==> flow/design.v <==
module alu_mult_v2 #(
    parameter NBITS = 5
) (
    input  wire core_clk,
    input  wire [NBITS-1:0] da_in,
    input  wire [NBITS-1:0] db_in,
    output wire [2*NBITS-1:0] result_out
);
    reg [2*NBITS-1:0] cur;
    integer i;
    always @(*) begin
        cur = 0;
        for (i = 0; i < NBITS; i = i + 1)
            if (db_in[i]) cur = cur + (da_in << i);
    end
    reg [2*NBITS-1:0] result_s;
    always @(posedge core_clk) begin
        result_s <= cur;
    end
    assign result_out = result_s;
endmodule
== Tool chain data of alu_mult_v2 ==
A sweep over "NBITS": the same steps for each member of the family.
The file above is the member NBITS=5. Line numbers count from 1 in each member's own file.
Library cell names are shortened.
A cell with -- has no value.
Inputs
  design top: alu_mult_v2
  clock port: core_clk
  library: sky130hd
  library corner: tt_025C_1v80

== Source of the members ==
Lines of each other member's file that are new or changed against the file above; lines that a member lacks are not shown.
Lines new or changed
  NBITS 9: line 2  | parameter NBITS = 9
  NBITS 10: line 2  | parameter NBITS = 10
  NBITS 11: line 2  | parameter NBITS = 11
  NBITS 14: line 2  | parameter NBITS = 14

== Word-level counts ==
Source: Yosys, flattened and elaborated, memories not mapped. Widths are those after wreduce; folded enables and synchronous resets count as part of the registers. Registers that Yosys merges into a memory's read port (data or address) are not register bits. Print and check cells do not count. Equal cells are merged and count once.
Bit counts
  NBITS 5: cells after elaboration 10, input port bits 11, register bits after elaboration 10, output and inout bits 10
  NBITS 9: cells after elaboration 18, input port bits 19, register bits after elaboration 18, output and inout bits 18
  NBITS 10: cells after elaboration 20, input port bits 21, register bits after elaboration 20, output and inout bits 20
  NBITS 11: cells after elaboration 22, input port bits 23, register bits after elaboration 22, output and inout bits 22
  NBITS 14: cells after elaboration 28, input port bits 29, register bits after elaboration 28, output and inout bits 28
Cells by class
  NBITS 5: add/sub/neg operators 4, muxes and demuxes 5
  NBITS 9: add/sub/neg operators 8, muxes and demuxes 9
  NBITS 10: add/sub/neg operators 9, muxes and demuxes 10
  NBITS 11: add/sub/neg operators 10, muxes and demuxes 11
  NBITS 14: add/sub/neg operators 13, muxes and demuxes 14
Operators with widths (kind and count)
  NBITS 5: 4 x 10-bit two-way mux; 1 x 10-bit by 6-bit adder with 10-bit output; 1 x 10-bit by 7-bit adder with 10-bit output; 1 x 10-bit by 8-bit adder with 10-bit output; 1 x 10-bit by 9-bit adder with 10-bit output; 1 x 5-bit two-way mux
  NBITS 9: 8 x 18-bit two-way mux; 1 x 18-bit by 10-bit adder with 18-bit output; 1 x 18-bit by 11-bit adder with 18-bit output; 1 x 18-bit by 12-bit adder with 18-bit output; 1 x 18-bit by 13-bit adder with 18-bit output; 1 x 18-bit by 14-bit adder with 18-bit output; 1 x 18-bit by 15-bit adder with 18-bit output; 1 x 18-bit by 16-bit adder with 18-bit output; 1 x 18-bit by 17-bit adder with 18-bit output; 1 x 9-bit two-way mux
  NBITS 10: 9 x 20-bit two-way mux; 1 x 20-bit by 11-bit adder with 20-bit output; 1 x 20-bit by 12-bit adder with 20-bit output; 1 x 20-bit by 13-bit adder with 20-bit output; 1 x 20-bit by 14-bit adder with 20-bit output; 1 x 20-bit by 15-bit adder with 20-bit output; 1 x 20-bit by 16-bit adder with 20-bit output; 1 x 20-bit by 17-bit adder with 20-bit output; 1 x 20-bit by 18-bit adder with 20-bit output; 1 x 20-bit by 19-bit adder with 20-bit output; 1 x 10-bit two-way mux
  NBITS 11: 10 x 22-bit two-way mux; 1 x 22-bit by 12-bit adder with 22-bit output; 1 x 22-bit by 13-bit adder with 22-bit output; 1 x 22-bit by 14-bit adder with 22-bit output; 1 x 22-bit by 15-bit adder with 22-bit output; 1 x 22-bit by 16-bit adder with 22-bit output; 1 x 22-bit by 17-bit adder with 22-bit output; 1 x 22-bit by 18-bit adder with 22-bit output; 1 x 22-bit by 19-bit adder with 22-bit output; 1 x 22-bit by 20-bit adder with 22-bit output; 1 x 22-bit by 21-bit adder with 22-bit output; 1 x 11-bit two-way mux
  NBITS 14: 13 x 28-bit two-way mux; 1 x 28-bit by 15-bit adder with 28-bit output; 1 x 28-bit by 16-bit adder with 28-bit output; 1 x 28-bit by 17-bit adder with 28-bit output; 1 x 28-bit by 18-bit adder with 28-bit output; 1 x 28-bit by 19-bit adder with 28-bit output; 1 x 28-bit by 20-bit adder with 28-bit output; 1 x 28-bit by 21-bit adder with 28-bit output; 1 x 28-bit by 22-bit adder with 28-bit output; 1 x 28-bit by 23-bit adder with 28-bit output; 1 x 28-bit by 24-bit adder with 28-bit output; 1 x 28-bit by 25-bit adder with 28-bit output; 1 x 28-bit by 26-bit adder with 28-bit output; 1 x 28-bit by 27-bit adder with 28-bit output; 1 x 14-bit two-way mux

== Depth ==
Yosys ltp: most cells in a row. Word level: on the elaborated netlist, between registers, memories and ports. Mapped: between sequential cells and ports; inverters and the memories' decode and read muxes count.
Depth
  NBITS 5: depth after elaboration 9, ABC_AREA 0, mapped depth 26, gate-level depth less buffers 25
  NBITS 9: depth after elaboration 17, ABC_AREA 0, mapped depth 56, gate-level depth less buffers 54
  NBITS 10: depth after elaboration 19, ABC_AREA 0, mapped depth 62, gate-level depth less buffers 61
  NBITS 11: depth after elaboration 21, ABC_AREA 0, mapped depth 73, gate-level depth less buffers 70
  NBITS 14: depth after elaboration 27, ABC_AREA 0, mapped depth 100, gate-level depth less buffers 99

== Mapped cells and area ==
Yosys stat after the flow's synthesis: flattened, memories mapped to cells. It holds for the ABC_AREA given above (unset counts as 0); a run with the other value may have another netlist.
Cells by type (types with counts)
  NBITS 5: 19 x ha_1; 10 x dfxtp_1; 8 x mux2_2; 7 x xnor2_1; 3 x fa_1; 11 x a21oi_1; 13 x nand2_1; 6 x a21o_1; 9 x o21ai_0; 5 x o21a_1; 4 x xor2_1; 8 x nor2_1; 4 x nand2b_1; 4 x nor2b_1; 2 x buf_6; 3 x and2_1; 2 x o31a_1; 2 x nor3b_1; (+26)
  NBITS 9: 70 x ha_1; 18 x dfxtp_1; 21 x mux2_2; 40 x a21oi_1; 22 x xnor2_1; 48 x nand2_1; 33 x o21ai_0; 18 x xor2_1; 7 x fa_1; 36 x inv_1; 32 x nor2_1; 12 x a21o_1; 14 x nor2b_1; 16 x nand3_1; 10 x and2_1; 12 x nor3_1; 8 x o21a_1; 8 x a31oi_1; (+162)
  NBITS 10: 87 x ha_1; 20 x dfxtp_1; 60 x a21oi_1; 29 x xnor2_1; 66 x nand2_1; 46 x o21ai_0; 58 x nor2_1; 28 x a21o_1; 9 x fa_1; 16 x mux2_2; 44 x inv_1; 18 x xor2_1; 18 x o21a_1; 23 x nor3_1; 10 x mux2i_1; 16 x nor2b_1; 12 x a211oi_1; 11 x a31oi_1; (+171)
  NBITS 11: 114 x ha_1; 22 x dfxtp_1; 79 x a21oi_1; 95 x nand2_1; 71 x o21ai_0; 40 x xnor2_1; 78 x nor2_1; 21 x mux2_2; 27 x xor2_1; 28 x a21o_1; 55 x inv_1; 10 x fa_1; 20 x o21a_1; 22 x a31oi_1; 27 x nor3_1; 17 x a211oi_1; 20 x nor2b_1; 10 x mux2i_1; (+236)
  NBITS 14: 203 x ha_1; 138 x a21oi_1; 158 x nand2_1; 155 x nor2_1; 28 x dfxtp_1; 64 x xnor2_1; 99 x o21ai_0; 53 x xor2_1; 32 x mux2_2; 47 x a21o_1; 81 x inv_1; 40 x o21a_1; 13 x fa_1; 23 x mux2i_1; 44 x nor3_1; 39 x nand3_1; 22 x a211oi_1; 21 x o31ai_1; (+382)
A list marked (+n) leaves out that many cells.
Synthesis totals
  NBITS 5: chip area (Yosys) 1232.4 um^2, standard cells after synthesis 146, sequential area 200.2 um^2, buffer cells 8, mapped flip-flops 10
  NBITS 9: chip area (Yosys) 4508.1 um^2, standard cells after synthesis 587, sequential area 360.3 um^2, buffer cells 20, mapped flip-flops 18
  NBITS 10: chip area (Yosys) 5491.5 um^2, standard cells after synthesis 742, sequential area 400.4 um^2, buffer cells 22, mapped flip-flops 20
  NBITS 11: chip area (Yosys) 7185.6 um^2, standard cells after synthesis 992, sequential area 440.4 um^2, buffer cells 33, mapped flip-flops 22
  NBITS 14: chip area (Yosys) 11856.4 um^2, standard cells after synthesis 1642, sequential area 560.5 um^2, buffer cells 45, mapped flip-flops 28

== Timing after synthesis ==
Path of least setup slack by OpenSTA after synthesis, without wires, with an ideal clock, recovery checks aside; 20% of the period is set as input and as output delay. Where synthesis merged equal registers, the netlist keeps one of their names.
Timing post-synthesis
  NBITS 5: kind in2reg, from input port db_in[0], to register result_s[8], path delay 4.206 ns, slack 1.050 ns, stages on the path 23, period 6.57 ns, period reached after synthesis 5.52 ns
  NBITS 9: kind in2reg, from input port da_in[1], to register result_s[16], path delay 9.418 ns, slack 2.342 ns, stages on the path 47, period 14.7 ns, period reached after synthesis 12.358 ns
  NBITS 10: kind in2reg, from input port db_in[0], to register result_s[18], path delay 10.448 ns, slack 2.592 ns, stages on the path 55, period 16.3 ns, period reached after synthesis 13.708 ns
  NBITS 11: kind in2reg, from input port db_in[0], to register result_s[20], path delay 12.463 ns, slack 3.137 ns, stages on the path 67, period 19.5 ns, period reached after synthesis 16.363 ns
  NBITS 14: kind in2reg, from input port db_in[0], to register result_s[26], path delay 16.513 ns, slack 4.128 ns, stages on the path 86, period 25.8 ns, period reached after synthesis 21.672 ns
"path delay" = arrival - input delay + setup time.
"stages on the path" counts driving pins, that of a launching flip-flop among them; a cell with two outputs on the path counts twice.
"period reached after synthesis" is the clock period less the worst setup slack; recovery checks do not enter. This is arithmetic on one report: input and output delays are still those of the set period (20% each).
The rows between start and end are the longest chain of elaborated cells between them; the timing report does not say that the signal goes this way. Where chains are equally long, one stands for them.
A line is the first line of the expression or statement that the cell stems from. Yosys adds cells for indexed reads and writes and turns some case tables into memories.
On the way, post-synthesis, NBITS=5
  length of the longest elaborated chain: 9
Ends and longest elaborated chain, post-synthesis, NBITS=5
  start, declared: line 6  | input  wire [NBITS-1:0] db_in,
  5-bit two-way mux: line 14  | if (db_in[i]) cur = cur + (da_in << i);
  10-bit by 6-bit adder with 10-bit output: line 14
  10-bit two-way mux: line 14
  10-bit by 7-bit adder with 10-bit output: line 14
  10-bit two-way mux: line 14
  10-bit by 8-bit adder with 10-bit output: line 14
  10-bit two-way mux: line 14
  10-bit by 9-bit adder with 10-bit output: line 14
  10-bit two-way mux: line 14
  end, assigned: line 18  | result_s <= cur;
  end, declared: line 16  | reg [2*NBITS-1:0] result_s;
On the way, post-synthesis, NBITS=14
  length of the longest elaborated chain: 27
Ends and longest elaborated chain, post-synthesis, NBITS=14
  start, declared: line 6  | input  wire [NBITS-1:0] db_in,
  14-bit two-way mux: line 14  | if (db_in[i]) cur = cur + (da_in << i);
  28-bit by 15-bit adder with 28-bit output: line 14
  28-bit two-way mux: line 14
  28-bit by 16-bit adder with 28-bit output: line 14
  28-bit two-way mux: line 14
  28-bit by 17-bit adder with 28-bit output: line 14
  28-bit two-way mux: line 14
  (+13 left out)
  28-bit two-way mux: line 14
  28-bit by 25-bit adder with 28-bit output: line 14
  28-bit two-way mux: line 14
  28-bit by 26-bit adder with 28-bit output: line 14
  28-bit two-way mux: line 14
  28-bit by 27-bit adder with 28-bit output: line 14
  28-bit two-way mux: line 14
  end, assigned: line 18  | result_s <= cur;
  end, declared: line 16  | reg [2*NBITS-1:0] result_s;

== Timing after layout ==
Path of least setup slack in the final report of each member's run (OpenROAD, finished layout, wires in). Where an end is a register, its clock arrival counts in the times.
Timing post-layout
  NBITS 5: kind in2reg, from input port db_in[0], to register result_s[8], period 6.57 ns, slack 0.54 ns, stages on the path 23, path buffers 1, arrival time 6.19 ns
  NBITS 9: kind in2reg, from input port da_in[1], to register result_s[16], period 14.7 ns, slack 0.99 ns, stages on the path 54, path buffers 1, arrival time 13.84 ns
  NBITS 10: kind in2reg, from input port db_in[0], to register result_s[19], period 16.3 ns, slack 0.86 ns, stages on the path 61, path buffers 2, arrival time 15.60 ns
  NBITS 11: kind in2reg, from input port db_in[0], to register result_s[19], period 19.5 ns, slack 1.52 ns, stages on the path 63, path buffers 2, arrival time 18.14 ns
  NBITS 14: kind in2reg, from input port da_in[1], to register result_s[25], period 25.8 ns, slack 1.61 ns, stages on the path 85, path buffers 2, arrival time 24.35 ns

== Layout results ==
One run of the flow (Yosys, OpenROAD) for each member, with settings and measured results. Input and output delays are each 20% of the period that was set; the output load is 0.01 pF.
Flow settings
  CAP_MARGIN: 20
  CORE_MARGIN: 2
  CORE_UTILIZATION: 40
  SLEW_MARGIN: 20
Settings by member (period_ns)
  NBITS 5: 6.57
  NBITS 9: 14.7
  NBITS 10: 16.3
  NBITS 11: 19.5
  NBITS 14: 25.8
Measured results
  NBITS 5: smallest setup slack 0.536 ns, achieved clock period 6.034 ns, cell area after synthesis 1232.4 um^2, summed negative setup slack 0.000 ns, final utilization 49.4%, die area 3540.8 um^2, standard-cell area after layout 1482.7 um^2, final worst hold slack 1.796 ns
  NBITS 9: smallest setup slack 0.995 ns, achieved clock period 13.705 ns, cell area after synthesis 4508.1 um^2, summed negative setup slack 0.000 ns, final utilization 46.8%, die area 12135.2 um^2, standard-cell area after layout 5116.2 um^2, final worst hold slack 3.191 ns
  NBITS 10: smallest setup slack 0.865 ns, achieved clock period 15.435 ns, cell area after synthesis 5491.5 um^2, summed negative setup slack 0.000 ns, final utilization 46.7%, die area 14682.2 um^2, standard-cell area after layout 6234.7 um^2, final worst hold slack 3.754 ns
  NBITS 11: smallest setup slack 1.517 ns, achieved clock period 17.983 ns, cell area after synthesis 7185.6 um^2, summed negative setup slack 0.000 ns, final utilization 45.0%, die area 19052.3 um^2, standard-cell area after layout 7996.4 um^2, final worst hold slack 4.438 ns
  NBITS 14: smallest setup slack 1.613 ns, achieved clock period 24.187 ns, cell area after synthesis 11856.4 um^2, summed negative setup slack 0.000 ns, final utilization 44.2%, die area 31034.1 um^2, standard-cell area after layout 12987.5 um^2, final worst hold slack 5.467 ns
"achieved clock period" = clock period - worst setup slack. The figure is calculated, with input and output delays left at 20% of the set period.
